==> flow/design.v <==
module add_core #(
   parameter DATA_W = 24
) (
   input sys_clk,
   input [DATA_W-1:0] i_op_a,
   input [DATA_W-1:0] i_op_b,
   input [DATA_W-1:0] i_op_c,
   output [DATA_W+1:0] o_result
);
   reg [DATA_W-1:0] op_a_r;
   reg [DATA_W-1:0] op_b_r;
   reg [DATA_W-1:0] op_c_r;
   wire [DATA_W-1:0] work;
   assign work = op_a_r ^ op_b_r ^ op_c_r;
   wire [DATA_W-1:0] cc;
   assign cc = (op_a_r & op_b_r) | (op_a_r & op_c_r) | (op_b_r & op_c_r);
   assign o_result = work + {cc, 1'b0};
   always @(posedge sys_clk) begin
      op_a_r <= i_op_a;
      op_b_r <= i_op_b;
      op_c_r <= i_op_c;
   end
endmodule
# == Reports on add_core ==
# What the tools print for add_core, step after step.
# Line numbers count from 1 in the design file above.
# Operators carry their Yosys type and port widths (W data, S select, Z words).
# Cell names lack the library's common part.
# Not given: --
# design
top,add_core
clock,sys_clk
cell_library,sky130hd
corner,tt_025C_1v80

# == Elaborated design ==
# Counts by Yosys on the flattened word-level netlist (proc, flatten, opt, wreduce; memories kept). Register bits leave out memories and registers merged into their read ports (data or address); mux counts leave out enables and synchronous resets folded into registers. Print and check cells are left out. Cells with the same type and inputs are merged into one.
# classes
add_sub_neg,1
n_logic,7
# op_table
cell,n
$and A24 B24 Y24,3
$or A24 B24 Y24,2
$xor A24 B24 Y24,2
$add A24 B25 Y26,1
# word_totals
elab_cells,11
regBits,72
output_inout_bits,26

# == Longest topological paths ==
# Yosys ltp: most cells in a row. Word level: on the elaborated netlist, between registers, memories and ports. Mapped: between sequential cells and ports; inverters and the memories' decode and read muxes count.
# depth
depth_word,4
ABC_AREA,0
ltp_mapped,12
depth_no_buf,12

# == Mapped cells and area ==
# Yosys stat after the flow's synthesis: flattened, memories mapped to cells. It holds for the ABC_AREA given above (unset counts as 0); a run with the other value may have another netlist.
# types
cell_type,n
dfxtp_1,72
fa_1,25
ha_1,23
xnor2_1,13
a21oi_1,20
xor2_1,7
nand2_1,15
a21o_1,7
inv_1,13
nor2_1,12
o21a_1,6
o21ai_0,8
a211oi_1,3
nand3_1,4
a221oi_1,2
a221oi_2,1
a311oi_2,1
nor3_1,3
# Not listed: further types 20, cells in them 24.
# synth_totals
buf_cells,0
synth_area_um2,3081.7
seqArea_um2,1441.4
stdcells,259
ff_cells,72

# == Path before layout ==
# Path of least setup slack by OpenSTA after synthesis, without wires, with an ideal clock, recovery checks aside; 20% of the period is set as input and as output delay. Where synthesis merged equal registers, the netlist keeps one of their names.
# synth_path
kind,register -> output
from,reg op_a_r[1]
to,out o_result[23]
t_arrival_ns,2.731
driving_pins,11
clock_period_ns,4.27
path_delay_ns,2.731
n_path_buf,0
path_slack_ns,0.685
period_less_setup_slack_ns,3.585
# "path_delay_ns" is the arrival time less input delay plus setup time.
# At an output port there is no setup time.
# "driving_pins" counts driving pins, that of a launching flip-flop among them; a cell with two outputs on the path counts twice.
# "period_less_setup_slack_ns" = period - worst setup slack (recovery checks aside). The figure is calculated, with input and output delays left at 20% of the set period.
# Between the ends stands the longest chain of elaborated cells between them, by number of cells; it is not shown to be the way that was timed. Of several equally long chains one is given.
# Each line given opens the expression or statement behind the cell; cells for indexed reads and writes are added by Yosys, which also makes memories of some case tables.
# synth_via
cell_sequence,dfxtp_1 > fa_1 > ha_1 > fa_1 > a21o_1 > a31oi_1 > o21a_2 > nor2_2 > or2_4 > a311oi_2 > xnor2_1
elab_chain_len,4
# synth_lines
element,line_no,text
from (decl),10,reg [DATA_W-1:0] op_a_r;
from (assign),19,op_a_r <= i_op_a;
$and A24 B24 Y24,16,assign cc = (op_a_r & op_b_r) | (op_a_r & op_c_r) | (op_b_r & op_c_r);
$or A24 B24 Y24 x2,16,
$add A24 B25 Y26,17,"assign o_result = work + {cc, 1'b0};"
to (decl),8,output [DATA_W+1:0] o_result

# == Timing after layout ==
# From the final timing report of job 1: the path of least setup slack in the routed layout; clock arrival at registers is part of the times.
# layout_path
kind,register -> output
from,reg op_a_r[1]
to,out o_result[23]
t_arrival_ns,3.16
n_path_buf,1
path_slack_ns,1.25
clock_period_ns,5.51
driving_pins,12
# Between the ends stands the longest chain of elaborated cells between them, by number of cells; it is not shown to be the way that was timed. Of several equally long chains one is given.
# layout_via
cell_sequence,dfxtp_2 > fa_1 > ha_2 > fa_2 > a21o_1 > a31oi_4 > o21a_2 > nor2_2 > or2_4 > a311oi_4 > xnor2_1 > buf_2
elab_chain_len,4
# layout_lines
element,line_no,text
from (decl),10,reg [DATA_W-1:0] op_a_r;
from (assign),19,op_a_r <= i_op_a;
$and A24 B24 Y24,16,assign cc = (op_a_r & op_b_r) | (op_a_r & op_c_r) | (op_b_r & op_c_r);
$or A24 B24 Y24 x2,16,
$add A24 B25 Y26,17,"assign o_result = work + {cc, 1'b0};"
to (decl),8,output [DATA_W+1:0] o_result

Memo
Re: implementation data of add_core

Measured results for add_core: 3 stored runs of the Yosys and OpenROAD flow on sky130hd. The settings differ; the order carries no meaning. The constraints put input and output delay at 20% of the set period each and load the outputs with 0.01 pF.
By "achievedPeriod_ns" is meant the clock period of the run minus its worst setup slack. This is arithmetic on one report: input and output delays are still those of the set period (20% each).
By "worst_path_allowed_less_slack_ns" is meant the share of the clock period that the worst setup path is allowed (20% is reserved at inputs, 20% at outputs), minus its slack. Clock arrival times at its registers enter into it.
By "design_power_uw" is meant OpenSTA's value without simulated activity: inputs other than the clock are taken to toggle once in ten clock periods, and the tool carries that through the logic.

Job 1, flow files:
==> flow/run.sh <==
#!/bin/bash
# the make line also repeats the synthesis and layout settings of config.mk as NAME=value (left out here)
make -C /OpenROAD-flow-scripts/flow DESIGN_CONFIG=/design/flow/config.mk WORK_HOME=/design/flow/orfs CLKGATE_MAP_FILE= finish
==> flow/config.mk <==
export PLATFORM = sky130hd
export DESIGN_NAME = add_core
export DESIGN_NICKNAME = add_core
export VERILOG_FILES = /design/flow/design.v
export SDC_FILE = /design/flow/constraint.sdc
export NUM_CORES = 4
export LEC_CHECK = 0
export CAP_MARGIN = 20
export CELL_PAD_IN_SITES_DETAIL_PLACEMENT = 1
export CORE_MARGIN = 5
export CORE_UTILIZATION = 26
export CTS_CLUSTER_SIZE = 57
export GPL_TIMING_DRIVEN = 1
export PLACE_DENSITY_LB_ADDON = 0.19
export SETUP_SLACK_MARGIN = 1.57
export SLEW_MARGIN = 35
export TNS_END_PERCENT = 100
==> flow/constraint.sdc <==
create_clock -name core_clock -period 5.51 [get_ports {sys_clk}]
set_input_delay 1.1020 -clock core_clock [delete_from_list [all_inputs] [get_ports {sys_clk}]]
set_output_delay 1.1020 -clock core_clock [all_outputs]
set_load 0.01 [all_outputs]

==> results of job 1, as CSV <==
result,value
fin_util_pct,42.5
timing.hold.ws_ns,1.211
setup_worst_slack_ns,1.246
achievedPeriod_ns,4.264
post_route_stdcell_area_um2,4898.4
final_die_area_um2,14130.1
synth_area_um2,3081.7
timing.setup.tns_ns,0.000
worst_path_allowed_less_slack_ns,3.16
critical_path_kind,"register -> output"
design_power_uw,1861

Job 2, flow files:
==> flow/run.sh <==
#!/bin/bash
# the make line also repeats the synthesis and layout settings of config.mk as NAME=value (left out here)
make -C /OpenROAD-flow-scripts/flow DESIGN_CONFIG=/design/flow/config.mk WORK_HOME=/design/flow/orfs CLKGATE_MAP_FILE= finish
==> flow/config.mk <==
export PLATFORM = sky130hd
export DESIGN_NAME = add_core
export DESIGN_NICKNAME = add_core
export VERILOG_FILES = /design/flow/design.v
export SDC_FILE = /design/flow/constraint.sdc
export NUM_CORES = 4
export LEC_CHECK = 0
export CAP_MARGIN = 20
export CELL_PAD_IN_SITES_GLOBAL_PLACEMENT = 1
export CORE_MARGIN = 2
export CORE_UTILIZATION = 70
export GPL_TIMING_DRIVEN = 0
export HOLD_SLACK_MARGIN = 0.19
export MAX_ROUTING_LAYER = met5
export MIN_ROUTING_LAYER = met1
export SLEW_MARGIN = 35
export TNS_END_PERCENT = 30
==> flow/constraint.sdc <==
create_clock -name core_clock -period 4.17 [get_ports {sys_clk}]
set_input_delay 0.8340 -clock core_clock [delete_from_list [all_inputs] [get_ports {sys_clk}]]
set_output_delay 0.8340 -clock core_clock [all_outputs]
set_load 0.01 [all_outputs]

Job 2: unfinished; error GPL-0301 in placement

Job 3, flow files:
==> flow/run.sh <==
#!/bin/bash
# the make line also repeats the synthesis and layout settings of config.mk as NAME=value (left out here)
make -C /OpenROAD-flow-scripts/flow DESIGN_CONFIG=/design/flow/config.mk WORK_HOME=/design/flow/orfs CLKGATE_MAP_FILE= finish
==> flow/config.mk <==
export PLATFORM = sky130hd
export DESIGN_NAME = add_core
export DESIGN_NICKNAME = add_core
export VERILOG_FILES = /design/flow/design.v
export SDC_FILE = /design/flow/constraint.sdc
export NUM_CORES = 4
export LEC_CHECK = 0
export CAP_MARGIN = 20
export CORE_MARGIN = 2
export CORE_UTILIZATION = 40
export SLEW_MARGIN = 20
==> flow/constraint.sdc <==
create_clock -name core_clock -period 4.27 [get_ports {sys_clk}]
set_input_delay 0.8540 -clock core_clock [delete_from_list [all_inputs] [get_ports {sys_clk}]]
set_output_delay 0.8540 -clock core_clock [all_outputs]
set_load 0.01 [all_outputs]

==> results of job 3, as CSV <==
result,value
fin_util_pct,59.1
timing.hold.ws_ns,0.952
setup_worst_slack_ns,0.175
achievedPeriod_ns,4.095
post_route_stdcell_area_um2,4498.1
final_die_area_um2,8422.6
synth_area_um2,3081.7
timing.setup.tns_ns,0.000
worst_path_allowed_less_slack_ns,3.24
critical_path_kind,"register -> output"
design_power_uw,2066
